==> flow/design.v <==
module gen_add_unit_p #(
    parameter int XLEN = 14
) (
    input logic ck,
    input logic step,
    input logic [XLEN-1:0] op_a,
    input logic [XLEN-1:0] op_b,
    input logic c0,
    output logic [XLEN-1:0] result,
    output logic carry_out
);
    logic [XLEN-1:0] op_a_s;
    logic [XLEN-1:0] op_b_s;
    logic c0_s;
    always_ff @(posedge ck) begin
        if (step) begin
            op_a_s <= op_a;
            op_b_s <= op_b;
            c0_s <= c0;
        end
    end
    logic [XLEN-1:0] t;
    logic c;
    always_comb begin
        c = c0_s;
        for (int k = 0; k < XLEN; k++) begin
            t[k] = op_a_s[k] ^ op_b_s[k] ^ c;
            c = (op_a_s[k] & op_b_s[k]) | (c & (op_a_s[k] | op_b_s[k]));
        end
    end
    always_ff @(posedge ck) begin
        if (step) begin
            result <= t;
            carry_out <= c;
        end
    end
endmodule
== Tool chain data of gen_add_unit_p ==
Tool output for the design above, in the order of the flow.
Line numbers count from 1 in the design file above.
The mark - stands for no value.

* Top module: gen_add_unit_p
* Clock: ck
* Cell library: sky130hd
* Timing corner: tt_025C_1v80

== Word level ==
Counts by Yosys on the flattened word-level netlist (proc, flatten, opt, wreduce; memories kept). Register bits leave out memories and registers merged into their read ports (data or address); mux counts leave out enables and synchronous resets folded into registers. Print and check cells are left out. Cells with the same type and inputs are merged into one.

* Elaborated cells: 89
* Flip-flop bits (word level): 44
* Bits of input ports: 31

* Bitwise gates (word level): 84

{| class="wikitable"
|+ Operator list
! kind !! count
|-
| AND 1 bit || 28
|-
| bitwise OR 1 bit || 28
|-
| bitwise XOR 1 bit || 28
|}

== Logic depth ==
Depth = most cells in a row (Yosys ltp): at word level without a register or memory, in the mapped netlist without a sequential cell, where the memories' decode and read muxes count.

* Depth after elaboration: 29
* ABC_AREA: 0
* Gate-level depth with buffers: 18

== Netlist ==
Source: synth_stat.txt of the flow (Yosys; design flattened, memories mapped). It holds for the ABC_AREA given above (unset counts as 0); a run with the other value may have another netlist.

* Synthesis area: 0.0016391 mm2
* Flip-flops: 44
* Buffers: 0
* Area of sequential cells: 0.0013213 mm2
* Cell count: 68

{| class="wikitable"
|+ Cells by type
! type !! count !! total area (um2)
|-
| sky130_fd_sc_hd__edfxtp_1 || 44 || 1.32E+03
|-
| sky130_fd_sc_hd__fa_1 || 14 || 280.269
|-
| sky130_fd_sc_hd__inv_1 || 10 || 37.536
|}

== Worst setup path after synthesis ==
OpenSTA on the mapped netlist: ideal clock, no wires. The path of least setup slack (recovery checks aside). Input and output delay are each 20% of the period. Register names are those of the netlist, which keeps one name where synthesis merged equal registers.

* Path type: reg2reg
* From: register op_a_s[0]
* To: register result[13]
* Arrival time: 5692 ps
* Clock period: 7280 ps
* Path slack: 1459 ps
* Buffers on the path: 0
* Setup time: 129 ps
* Stages: 19
* Delay of the path: 5821 ps
* Period reached after synthesis: 5821 ps

"delay of the path" is the arrival time less input delay plus setup time.
"stages": output pins that drive a net of the path, with the launching flip-flop's if there is one; two outputs of one cell count as two.
"period reached after synthesis" is the clock period less the worst setup slack; recovery checks do not enter. This is arithmetic on one report: input and output delays are still those of the set period (20% each).
The rows between start and end are the longest chain of elaborated cells between them; the timing report does not say that the signal goes this way. Where chains are equally long, one stands for them.
A line is the first line of the expression or statement that the cell stems from. Yosys adds cells for indexed reads and writes and turns some case tables into memories.

* Path through: sky130_fd_sc_hd__edfxtp_1 sky130_fd_sc_hd__fa_1 sky130_fd_sc_hd__fa_1 sky130_fd_sc_hd__fa_1 sky130_fd_sc_hd__fa_1 sky130_fd_sc_hd__fa_1 sky130_fd_sc_hd__fa_1 sky130_fd_sc_hd__fa_1 sky130_fd_sc_hd__fa_1 sky130_fd_sc_hd__fa_1 sky130_fd_sc_hd__fa_1 sky130_fd_sc_hd__fa_1 sky130_fd_sc_hd__inv_1 sky130_fd_sc_hd__fa_1 sky130_fd_sc_hd__inv_1 sky130_fd_sc_hd__fa_1 sky130_fd_sc_hd__inv_1 sky130_fd_sc_hd__fa_1 sky130_fd_sc_hd__inv_1
* Length of the longest elaborated chain: 28

{| class="wikitable"
|+ Ends and longest elaborated chain, post-synthesis
! element !! RTL line !! text
|-
| start: declaration || 12 || <nowiki>logic [XLEN-1:0] op_a_s;</nowiki>
|-
| start: assignment || 17 || <nowiki>op_a_s <= op_a;</nowiki>
|-
| bitwise OR 1 bit || 28 || <nowiki>c = (op_a_s[k] & op_b_s[k]) | (c & (op_a_s[k] | op_b_s[k]));</nowiki>
|-
| AND 1 bit || 28 ||
|-
| bitwise OR 1 bit || 28 ||
|-
| AND 1 bit || 28 ||
|-
| bitwise OR 1 bit || 28 ||
|-
| AND 1 bit || 28 ||
|-
| bitwise OR 1 bit || 28 ||
|-
| (+14 left out) || - ||
|-
| AND 1 bit || 28 ||
|-
| bitwise OR 1 bit || 28 ||
|-
| AND 1 bit || 28 ||
|-
| bitwise OR 1 bit || 28 ||
|-
| AND 1 bit || 28 ||
|-
| bitwise OR 1 bit || 28 ||
|-
| bitwise XOR 1 bit || 27 || <nowiki>t[k] = op_a_s[k] ^ op_b_s[k] ^ c;</nowiki>
|-
| end: assignment || 33 || <nowiki>result <= t;</nowiki>
|-
| end: declaration || 9 || <nowiki>output logic [XLEN-1:0] result,</nowiki>
|}

== Worst path after layout ==
Path of least setup slack in the final report of stored run 1 (OpenROAD, finished layout, wires in). Where an end is a register, its clock arrival counts in the times.
The path's times are printed in steps of 10 ps; the period is the one set.

* Path type: reg2reg
* From: register op_a_s[0]
* To: register result[13]
* Buffers on the path: 0
* Clock period: 5500 ps
* Path slack: -30 ps
* Stages: 19
* Setup time: 120 ps
* Arrival time: 5750 ps

The rows between start and end are the longest chain of elaborated cells between them; the timing report does not say that the signal goes this way. Where chains are equally long, one stands for them.

* Path through: sky130_fd_sc_hd__edfxtp_1 sky130_fd_sc_hd__fa_2 sky130_fd_sc_hd__fa_2 sky130_fd_sc_hd__fa_2 sky130_fd_sc_hd__fa_2 sky130_fd_sc_hd__fa_2 sky130_fd_sc_hd__fa_2 sky130_fd_sc_hd__fa_2 sky130_fd_sc_hd__fa_2 sky130_fd_sc_hd__fa_2 sky130_fd_sc_hd__fa_2 sky130_fd_sc_hd__fa_2 sky130_fd_sc_hd__inv_2 sky130_fd_sc_hd__fa_2 sky130_fd_sc_hd__inv_2 sky130_fd_sc_hd__fa_2 sky130_fd_sc_hd__inv_2 sky130_fd_sc_hd__fa_2 sky130_fd_sc_hd__inv_1
* Length of the longest elaborated chain: 28

{| class="wikitable"
|+ Ends and longest elaborated chain, after layout
! element !! RTL line !! text
|-
| start: declaration || 12 || <nowiki>logic [XLEN-1:0] op_a_s;</nowiki>
|-
| start: assignment || 17 || <nowiki>op_a_s <= op_a;</nowiki>
|-
| bitwise OR 1 bit || 28 || <nowiki>c = (op_a_s[k] & op_b_s[k]) | (c & (op_a_s[k] | op_b_s[k]));</nowiki>
|-
| AND 1 bit || 28 ||
|-
| bitwise OR 1 bit || 28 ||
|-
| AND 1 bit || 28 ||
|-
| bitwise OR 1 bit || 28 ||
|-
| AND 1 bit || 28 ||
|-
| bitwise OR 1 bit || 28 ||
|-
| (+14 left out) || - ||
|-
| AND 1 bit || 28 ||
|-
| bitwise OR 1 bit || 28 ||
|-
| AND 1 bit || 28 ||
|-
| bitwise OR 1 bit || 28 ||
|-
| AND 1 bit || 28 ||
|-
| bitwise OR 1 bit || 28 ||
|-
| bitwise XOR 1 bit || 27 || <nowiki>t[k] = op_a_s[k] ^ op_b_s[k] ^ c;</nowiki>
|-
| end: assignment || 33 || <nowiki>result <= t;</nowiki>
|-
| end: declaration || 9 || <nowiki>output logic [XLEN-1:0] result,</nowiki>
|}

==> results <==
Settings and measured results of 3 stored flow runs for module gen_add_unit_p (sky130hd), not sorted in any way. The constraints put input and output delay at 20% of the set period each and load the outputs with 0.01 pF.
By "time used up by the worst setup path" is meant the share of the clock period that the worst setup path is allowed (20% is reserved at inputs, 20% at outputs), minus its slack. Clock arrival times at its registers enter into it.
"time used up by the worst setup path" is given in steps of 10 ps.

=== Stored run 1 ===
{| class="wikitable"
! Setting !! Value
|-
| period_ns || 5.5
|-
| CORE_UTILIZATION || 45
|-
| SETUP_SLACK_MARGIN || 0.9
|-
| PLACE_DENSITY_LB_ADDON || 0.28
|-
| ABC_AREA || 0
|-
| CTS_CLUSTER_SIZE || 11
|-
| SLEW_MARGIN || 30
|-
| MAX_ROUTING_LAYER || met5
|-
| CAP_MARGIN || 20
|-
| CORE_MARGIN || 2
|-
! Result !! Value
|-
| Synthesis area || 0.0016391 mm2
|-
| Standard-cell area of the final layout || 0.0022246 mm2
|-
| Worst setup slack after layout || -33 ps
|-
| Smallest hold slack || 651 ps
|-
| Die outline area || 0.0041409 mm2
|-
| Time used up by the worst setup path || 5530 ps
|-
| Type of the worst setup path || reg2reg
|}

=== Stored run 2 ===
{| class="wikitable"
! Setting !! Value
|-
| period_ns || 7.28
|-
| CAP_MARGIN || 20
|-
| CORE_MARGIN || 2
|-
| CORE_UTILIZATION || 40
|-
| SLEW_MARGIN || 20
|-
! Result !! Value
|-
| Synthesis area || 0.0016391 mm2
|-
| Standard-cell area of the final layout || 0.0022271 mm2
|-
| Worst setup slack after layout || 1222 ps
|-
| Smallest hold slack || 612 ps
|-
| Die outline area || 0.004626 mm2
|-
| Time used up by the worst setup path || 6060 ps
|-
| Type of the worst setup path || reg2reg
|}

=== Stored run 3 ===
{| class="wikitable"
! Setting !! Value
|-
| period_ns || 5.71
|-
| CORE_UTILIZATION || 56
|-
| SETUP_SLACK_MARGIN || -0.04
|-
| PLACE_DENSITY || 0.86
|-
| ABC_AREA || 0
|-
| GPL_ROUTABILITY_DRIVEN || 0
|-
| CAP_MARGIN || 20
|-
| CORE_MARGIN || 2
|-
| SLEW_MARGIN || 20
|-
! Result !! Value
|-
| Synthesis area || 0.0016391 mm2
|-
| Standard-cell area of the final layout || 0.0022296 mm2
|-
| Worst setup slack after layout || 104 ps
|-
| Smallest hold slack || 657 ps
|-
| Die outline area || 0.0033756 mm2
|-
| Time used up by the worst setup path || 5610 ps
|-
| Type of the worst setup path || reg2reg
|}
